==> flow/design.v <==
module ex_registers_rtl #(
    parameter int NREGS = 8,
    parameter int NBITS = 6,
    parameter int AW = $clog2(NREGS)
) (
    input logic clock,
    input logic wr_en,
    input logic [AW-1:0] write_addr,
    input logic [NBITS-1:0] din,
    input logic [AW-1:0] raddr_a,
    input logic [AW-1:0] raddr_b,
    output logic [NBITS-1:0] read_data_a,
    output logic [NBITS-1:0] read_data_b
);
    logic [NBITS-1:0] mem [NREGS-1:0];
    always_ff @(posedge clock) begin
        if (wr_en)
            mem[write_addr] <= din;
    end
    assign read_data_a = mem[raddr_a];
    assign read_data_b = mem[raddr_b];
endmodule
**From RTL to reports: ex_registers_rtl**

The steps from the RTL of ex_registers_rtl to its reports follow in flow order.
Line numbers count from 1 in the design file above.
Operators carry their Yosys type and port widths (W data, S select, Z words).
Cell names lack the library's common part.
The mark n/a stands for no value.

- Design top: ex_registers_rtl
- Clock port: clock
- Standard-cell library: sky130hd
- Corner: tt_025C_1v80

**After elaboration**

Source: Yosys, flattened and elaborated, memories not mapped. Widths are those after wreduce; folded enables and synchronous resets count as part of the registers. Registers that Yosys merges into a memory's read port (data or address) are not register bits. Print and check cells do not count. Equal cells are merged and count once.
Yosys's memory passes give these memory sizes; they may raise the number of words (mostly to a power of two), join words into wider ones and drop unused or constant bits.

- Mux-type cells: 3

Operators with widths:

| kind | number |
|---|---|
| $mux W6 | 1 |
| $mux W3 | 1 |
| $mux W1 | 1 |

- Register bits after elaboration: 0
- Bits in writable memories: 48
- Memories: 1
- Bits of input ports: 17
- Output and inout bits: 12
- Word-level cells: 4

Memories:

| name | words | bits a word | read ports | write ports | line | source |
|---|---|---|---|---|---|---|
| mem | 8 | 6 | 2 | 1 | 15 | `logic [NBITS-1:0] mem [NREGS-1:0];` |

**Longest topological paths**

Depth = most cells in a row (Yosys ltp): at word level without a register or memory, in the mapped netlist without a sequential cell, where the memories' decode and read muxes count.

- Depth in word-level cells: 1
- ABC_AREA: 0
- Mapped depth: 3

**Synthesis result**

Yosys stat after the flow's synthesis: flattened, memories mapped to cells. It holds for the ABC_AREA given above (unset counts as 0); a run with the other value may have another netlist.
The area totals of this step are shown rounded.

- Standard cells after synthesis: 103
- Cell area after synthesis: 0.002303 mm²
- Flip-flops: 48

Cells by type:

| cell type | number | total area (µm²) |
|---|---|---|
| edfxtp_1 | 48 | 1.44E+03 |
| mux4_1 | 24 | 630.605 |
| mux2_2 | 12 | 135.13 |
| buf_6 | 2 | 22.522 |
| nor2_1 | 6 | 22.522 |
| nand2b_1 | 3 | 18.768 |
| nor3_1 | 2 | 10.01 |
| buf_1 | 2 | 7.507 |
| clkbuf_1 | 2 | 7.507 |
| nand2_1 | 2 | 7.507 |

**Path before layout**

Path of least setup slack by OpenSTA after synthesis, without wires, with an ideal clock, recovery checks aside; 20% of the period is set as input and as output delay. Where synthesis merged equal registers, the netlist keeps one of their names.

- Kind: in2out
- Start: in raddr_a[0]
- End: out read_data_a[0]
- Clock period: 1980 ps
- External output delay: 396 ps
- Arrival: 1347 ps
- Required time: 1584 ps
- Path slack: 237 ps
- Path delay: 951 ps
- Stages: 3
- Path buffers: 1
- Synthesis period reached: 1743 ps

"path delay" is the arrival time less input delay plus setup time.
A path that ends at an output port has no setup time.
"stages" counts driving pins, that of a launching flip-flop among them; a cell with two outputs on the path counts twice.
"synthesis period reached" is the clock period less the worst setup slack; recovery checks do not enter. This is arithmetic on one report: input and output delays are still those of the set period (20% each).
The rows between start and end are the longest chain of elaborated cells between them; the timing report does not say that the signal goes this way. Where chains are equally long, one stands for them.
A line is the first line of the expression or statement that the cell stems from. Yosys adds cells for indexed reads and writes and turns some case tables into memories.
The chain passes a memory read, where the word-level depth is cut; so it can be longer than that depth.

- Cell sequence: buf_6 mux4_1 mux2_2
- Length of the longest elaborated chain: 1

Ends and longest elaborated chain, post-synthesis:

| item | line | source |
|---|---|---|
| start: declaration | 10 | `input logic [AW-1:0] raddr_a,` |
| $mem_v2 Z8 W6 | 15 | `logic [NBITS-1:0] mem [NREGS-1:0];` |
| end: declaration | 12 | `output logic [NBITS-1:0] read_data_a,` |

**Timing after layout**

From the final timing report of run 1: the path of least setup slack in the routed layout; clock arrival at registers is part of the times.
The path's times are printed in steps of 10 ps; the period is the one set.

- Kind: reg2out
- Start: mem mem[0][0]
- End: out read_data_a[0]
- Clock period: 1980 ps
- External output delay: 400 ps
- Arrival: 1590 ps
- Required time: 1580 ps
- Path slack: -10 ps
- Stages: 4
- Path buffers: 1

The rows between start and end are the longest chain of elaborated cells between them; the timing report does not say that the signal goes this way. Where chains are equally long, one stands for them.
The chain passes a memory read, where the word-level depth is cut; so it can be longer than that depth.

- Cell sequence: edfxtp_1 mux4_2 mux2_4 buf_6
- Length of the longest elaborated chain: 1

Ends and longest elaborated chain, after layout:

| item | line | source |
|---|---|---|
| start: declaration | 15 | `logic [NBITS-1:0] mem [NREGS-1:0];` |
| $mem_v2 Z8 W6 | 15 |  |
| end: declaration | 12 | `output logic [NBITS-1:0] read_data_a,` |

Wiki page: ex_registers_rtl / flow data

3 stored runs of ex_registers_rtl in the flow (synthesis by Yosys, layout by OpenROAD, sky130hd cells), in arbitrary order. Constraints: input delay and output delay 20% of the set period each, output load 0.01 pF.
By "clock period achieved" is meant the clock period of the run minus its worst setup slack. This is arithmetic on one report: input and output delays are still those of the set period (20% each).
By "worst setup path time" is meant the share of the clock period that the worst setup path is allowed (20% is reserved at inputs, 20% at outputs), minus its slack. Clock arrival times at its registers enter into it.
"power consumption" rests on the timing tool's default activity at the inputs, not on a simulated workload.
"worst setup path time" is given in steps of 10 ps.
The measured numbers are rounded.
Settings: - = not set for that run.

| item | run 1 | run 2 | run 3 |
|---|---|---|---|
| period_ns | 1.98 | 0.959 | 1.89 |
| CAP_MARGIN | 20 | 20 | 20 |
| CORE_MARGIN | 2 | 2 | 6 |
| CORE_UTILIZATION | 40 | 16 | 37 |
| SLEW_MARGIN | 20 | 20 | 30 |
| SETUP_SLACK_MARGIN | - | -0.02 | -0.13 |
| PLACE_DENSITY | - | 0.93 | 0.38 |
| CORE_ASPECT_RATIO | - | 0.63 | 0.9 |
| CELL_PAD_IN_SITES_GLOBAL_PLACEMENT | - | 1 | - |
| ABC_AREA | - | 0 | - |
| MIN_ROUTING_LAYER | - | met1 | - |
| TNS_END_PERCENT | - | - | 90 |
| GPL_ROUTABILITY_DRIVEN | - | - | 0 |
| CTS_CLUSTER_SIZE | - | - | 39 |
| standard-cell area of the final layout (mm²) | 0.00287 | 0.003278 | 0.002811 |
| overall die area (mm²) | 0.006382 | 0.0154 | 0.008266 |
| power consumption (µW) | 2139 | 4845 | 2098 |
| worst setup path time (ps) | 1590 | 1590 | 1590 |
| worst setup path kind | reg2out | reg2out | reg2out |
| post-synthesis cell area (mm²) | 0.002303 | 0.002303 | 0.002303 |
| setup slack of the worst path (ps) | -10 | -825 | -78 |
| sum of negative setup slack (ps) | -10 | -9546 | -687 |
| clock period achieved (ps) | 1990 | 1784 | 1968 |
| post-layout utilization (%) | 51.8 | 23.6 | 48.3 |
| worst hold slack in the final report (ps) | 839 | 471 | 818 |
